==> flow/design.v <==
module mplex_top #(
   parameter WIDTH = 24
) (
   input clock,
   input [WIDTH-1:0] bus0,
   input [WIDTH-1:0] bus1,
   input [WIDTH-1:0] bus2,
   input [WIDTH-1:0] bus3,
   input [WIDTH-1:0] bus4,
   input [WIDTH-1:0] bus5,
   input [WIDTH-1:0] bus6,
   input [WIDTH-1:0] bus7,
   input [WIDTH-1:0] bus8,
   input [WIDTH-1:0] bus9,
   input [3:0] addr,
   output [WIDTH-1:0] result
);
   reg [WIDTH-1:0] bus0_reg;
   reg [WIDTH-1:0] bus1_reg;
   reg [WIDTH-1:0] bus2_reg;
   reg [WIDTH-1:0] bus3_reg;
   reg [WIDTH-1:0] bus4_reg;
   reg [WIDTH-1:0] bus5_reg;
   reg [WIDTH-1:0] bus6_reg;
   reg [WIDTH-1:0] bus7_reg;
   reg [WIDTH-1:0] bus8_reg;
   reg [WIDTH-1:0] bus9_reg;
   reg [3:0] addr_reg;
   always @(posedge clock) begin
      bus0_reg <= bus0;
      bus1_reg <= bus1;
      bus2_reg <= bus2;
      bus3_reg <= bus3;
      bus4_reg <= bus4;
      bus5_reg <= bus5;
      bus6_reg <= bus6;
      bus7_reg <= bus7;
      bus8_reg <= bus8;
      bus9_reg <= bus9;
      addr_reg <= addr;
   end
   wire [WIDTH-1:0] work;
   assign work =
      (addr_reg == 4'd0) ? bus0_reg :
      (addr_reg == 4'd1) ? bus1_reg :
      (addr_reg == 4'd2) ? bus2_reg :
      (addr_reg == 4'd3) ? bus3_reg :
      (addr_reg == 4'd4) ? bus4_reg :
      (addr_reg == 4'd5) ? bus5_reg :
      (addr_reg == 4'd6) ? bus6_reg :
      (addr_reg == 4'd7) ? bus7_reg :
      (addr_reg == 4'd8) ? bus8_reg :
      bus9_reg;
   reg [WIDTH-1:0] result_reg;
   always @(posedge clock) begin
      result_reg <= work;
   end
   assign result = result_reg;
endmodule
## From RTL to reports: mplex_top

The steps from the RTL of mplex_top to its reports follow in flow order.
Line numbers count from 1 in the design file above.
Operators: Yosys type, input widths -> output width; for muxes data width and select width s.
Library cell names are shortened.
Not given: -

- Design top: mplex_top
- Clock port: clock
- Cell library: sky130hd
- Corner: tt_025C_1v80

## Elaborated design

Yosys after proc, flatten, opt, wreduce and memory -nomap, before mapping. Enables and synchronous resets that opt folds into registers are not counted as muxes. Memory bits, and registers merged into a memory's read port (data or address), are not among the register bits. Print and check cells are not counted. Equal cells are merged and count once.

- Bits in registers: 268
- Input bits: 245
- Output and inout bits: 24
- Word-level cells: 30

- Equality and inequality tests: 8
- Mux-type cells: 9
- Reduce/logical cells: 1

Operators with widths:

| kind | number |
|---|---|
| $mux 24 | 9 |
| $eq 4x3->1 const B | 4 |
| $eq 4x2->1 const B | 2 |
| $eq 4x1->1 const B | 1 |
| $eq 4x4->1 const B | 1 |
| $logic_not 4->1 | 1 |

## Depth

Yosys ltp: most cells in a row. Word level: on the elaborated netlist, between registers, memories and ports. Mapped: between sequential cells and ports; inverters and the memories' decode and read muxes count.

- Depth after elaboration: 10
- ABC_AREA: 1
- Mapped depth: 15
- Gate-level depth less buffers: 14

## After synthesis

The flow's flattened synthesis, as Yosys stat reports it; memories are mapped. The netlist is that of the ABC_AREA named above (0 if unset); the other value can give another one.
Totals and module areas in this step are rounded.

Cell types:

| type | number |
|---|---|
| dfxtp_1 | 268 |
| nand2_1 | 263 |
| nand3_1 | 96 |
| inv_1 | 85 |
| nor2_1 | 61 |
| a21oi_1 | 38 |
| o21ai_0 | 25 |
| clkbuf_1 | 31 |
| or2_2 | 17 |
| or2_1 | 8 |
| or2_0 | 6 |
| buf_2 | 6 |
| inv_2 | 8 |
| nor2_4 | 2 |
| nand4_2 | 1 |
| nor2_2 | 2 |
| nor3_1 | 2 |
| o21ai_1 | 2 |

Not listed: further types 3, cells in them 3.

- Cells in the netlist: 924
- Chip area (Yosys): 8100 um^2
- Sequential area: 5400 um^2
- Mapped flip-flops: 268
- Buffers: 38

## Timing after synthesis

Path of least setup slack by OpenSTA after synthesis, without wires, with an ideal clock, recovery checks aside; 20% of the period is set as input and as output delay. Where synthesis merged equal registers, the netlist keeps one of their names.

- Kind: reg-to-reg
- Start: reg addr_reg[1]
- End: reg result_reg[22]
- Clock period: 1900 ps
- Setup time: 118 ps
- Launch time at the first pin: 0 ps
- Arrival time: 1533 ps
- Setup slack: 249 ps
- Path delay: 1651 ps
- Stages on the path: 12
- Buffers on the path: 1
- Synthesis period reached: 1651 ps

"path delay" = arrival - input delay + setup time.
"stages on the path": output pins that drive a net of the path, with the launching flip-flop's if there is one; two outputs of one cell count as two.
"synthesis period reached" is the clock period less the worst setup slack; recovery checks do not enter. This is arithmetic on one report: input and output delays are still those of the set period (20% each).
The rows between start and end are the longest chain of elaborated cells between them; the timing report does not say that the signal goes this way. Where chains are equally long, one stands for them.
Each line given opens the expression or statement behind the cell; cells for indexed reads and writes are added by Yosys, which also makes memories of some case tables.

- Cells stage by stage: dfxtp_1 -> inv_2 -> nor2_1 -> nand3_1 -> clkbuf_1 -> or2_2 -> nand3_1 -> nand3_1 -> nand2_1 -> nand2_1 -> nand2_1 -> a21oi_1
- Length of the longest elaborated chain: 10
- Elaborated cells between the ends (all ways): 18
- RTL lines with such cells: 9

RTL lines, path after synthesis:

| item | RTL line | text |
|---|---|---|
| start: declaration | 28 | `reg [3:0] addr_reg;` |
| start: assignment | 40 | `addr_reg <= addr;` |
| $eq 4x4->1 | 52 | `(addr_reg == 4'd8) ? bus8_reg :` |
| $mux 24 | 52 |  |
| $mux 24 | 51 | `(addr_reg == 4'd7) ? bus7_reg :` |
| $mux 24 | 50 | `(addr_reg == 4'd6) ? bus6_reg :` |
| $mux 24 | 49 | `(addr_reg == 4'd5) ? bus5_reg :` |
| $mux 24 | 48 | `(addr_reg == 4'd4) ? bus4_reg :` |
| $mux 24 | 47 | `(addr_reg == 4'd3) ? bus3_reg :` |
| $mux 24 | 46 | `(addr_reg == 4'd2) ? bus2_reg :` |
| $mux 24 | 45 | `(addr_reg == 4'd1) ? bus1_reg :` |
| $mux 24 | 44 | `(addr_reg == 4'd0) ? bus0_reg :` |
| end: assignment | 56 | `result_reg <= work;` |
| end: declaration | 54 | `reg [WIDTH-1:0] result_reg;` |

## Timing after layout

From the final timing report of job 1: the path of least setup slack in the routed layout; clock arrival at registers is part of the times.
The report prints the path's times to 10 ps; the period is as set.

- Kind: reg-to-reg
- Start: reg addr_reg[1]
- End: reg result_reg[10]
- Clock period: 1050 ps
- Setup time: 100 ps
- Launch time at the first pin: 570 ps
- Arrival time: 2270 ps
- Setup slack: -760 ps
- Stages on the path: 12
- Buffers on the path: 3

The rows between start and end are the longest chain of elaborated cells between them; the timing report does not say that the signal goes this way. Where chains are equally long, one stands for them.

- Cells stage by stage: dfxtp_4 -> buf_6 -> nor3_4 -> clkinv_4 -> buf_6 -> buf_6 -> o211ai_1 -> nand2_1 -> nand2_2 -> nand2_2 -> nand2_2 -> nand2_1
- Length of the longest elaborated chain: 10
- Elaborated cells between the ends (all ways): 18
- RTL lines with such cells: 9

RTL lines, path after layout:

| item | RTL line | text |
|---|---|---|
| start: declaration | 28 | `reg [3:0] addr_reg;` |
| start: assignment | 40 | `addr_reg <= addr;` |
| $eq 4x4->1 | 52 | `(addr_reg == 4'd8) ? bus8_reg :` |
| $mux 24 | 52 |  |
| $mux 24 | 51 | `(addr_reg == 4'd7) ? bus7_reg :` |
| $mux 24 | 50 | `(addr_reg == 4'd6) ? bus6_reg :` |
| $mux 24 | 49 | `(addr_reg == 4'd5) ? bus5_reg :` |
| $mux 24 | 48 | `(addr_reg == 4'd4) ? bus4_reg :` |
| $mux 24 | 47 | `(addr_reg == 4'd3) ? bus3_reg :` |
| $mux 24 | 46 | `(addr_reg == 4'd2) ? bus2_reg :` |
| $mux 24 | 45 | `(addr_reg == 4'd1) ? bus1_reg :` |
| $mux 24 | 44 | `(addr_reg == 4'd0) ? bus0_reg :` |
| end: assignment | 56 | `result_reg <= work;` |
| end: declaration | 54 | `reg [WIDTH-1:0] result_reg;` |

Data sheet: physical implementation of mplex_top

mplex_top through Yosys and OpenROAD on sky130hd: 3 stored runs, unordered, with their settings and measured results. The constraints put input and output delay at 20% of the set period each and load the outputs with 0.01 pF.
"power" rests on the timing tool's default activity at the inputs, not on a simulated workload.
The measured numbers are rounded.
Among the settings, n/a means not set for that run.

| name | job 1 | job 2 | job 3 |
|---|---|---|---|
| period_ns | 1.05 | 1.41 | 1.9 |
| CORE_UTILIZATION | 21 | 26 | 40 |
| PLACE_DENSITY_LB_ADDON | 0.27 | n/a | n/a |
| CORE_ASPECT_RATIO | 0.87 | n/a | n/a |
| ABC_AREA | 1 | n/a | n/a |
| GPL_TIMING_DRIVEN | 1 | n/a | n/a |
| GPL_ROUTABILITY_DRIVEN | 0 | 1 | n/a |
| MIN_ROUTING_LAYER | met2 | n/a | n/a |
| MAX_ROUTING_LAYER | met5 | n/a | n/a |
| CAP_MARGIN | 20 | 20 | 20 |
| CORE_MARGIN | 2 | 3 | 2 |
| SLEW_MARGIN | 20 | 20 | 20 |
| PLACE_DENSITY | n/a | 0.35 | n/a |
| CELL_PAD_IN_SITES_DETAIL_PLACEMENT | n/a | 1 | n/a |
| TNS_END_PERCENT | n/a | 20 | n/a |
| CTS_CLUSTER_DIAMETER | n/a | 209 | n/a |
| smallest setup slack (ps) | -760 | -120 | 54 |
| final setup TNS (ps) | -20000 | -2200 | 0 |
| utilization after layout | 0.36 | 0.42 | 0.6 |
| chip area in the Yosys report (um^2) | 8100 | 8200 | 8200 |
| power (W) | 0.024 | 0.018 | 0.013 |
| area inside the die boundary (um^2) | 40000 | 34000 | 22000 |
| final worst hold slack (ps) | 72 | 160 | 290 |
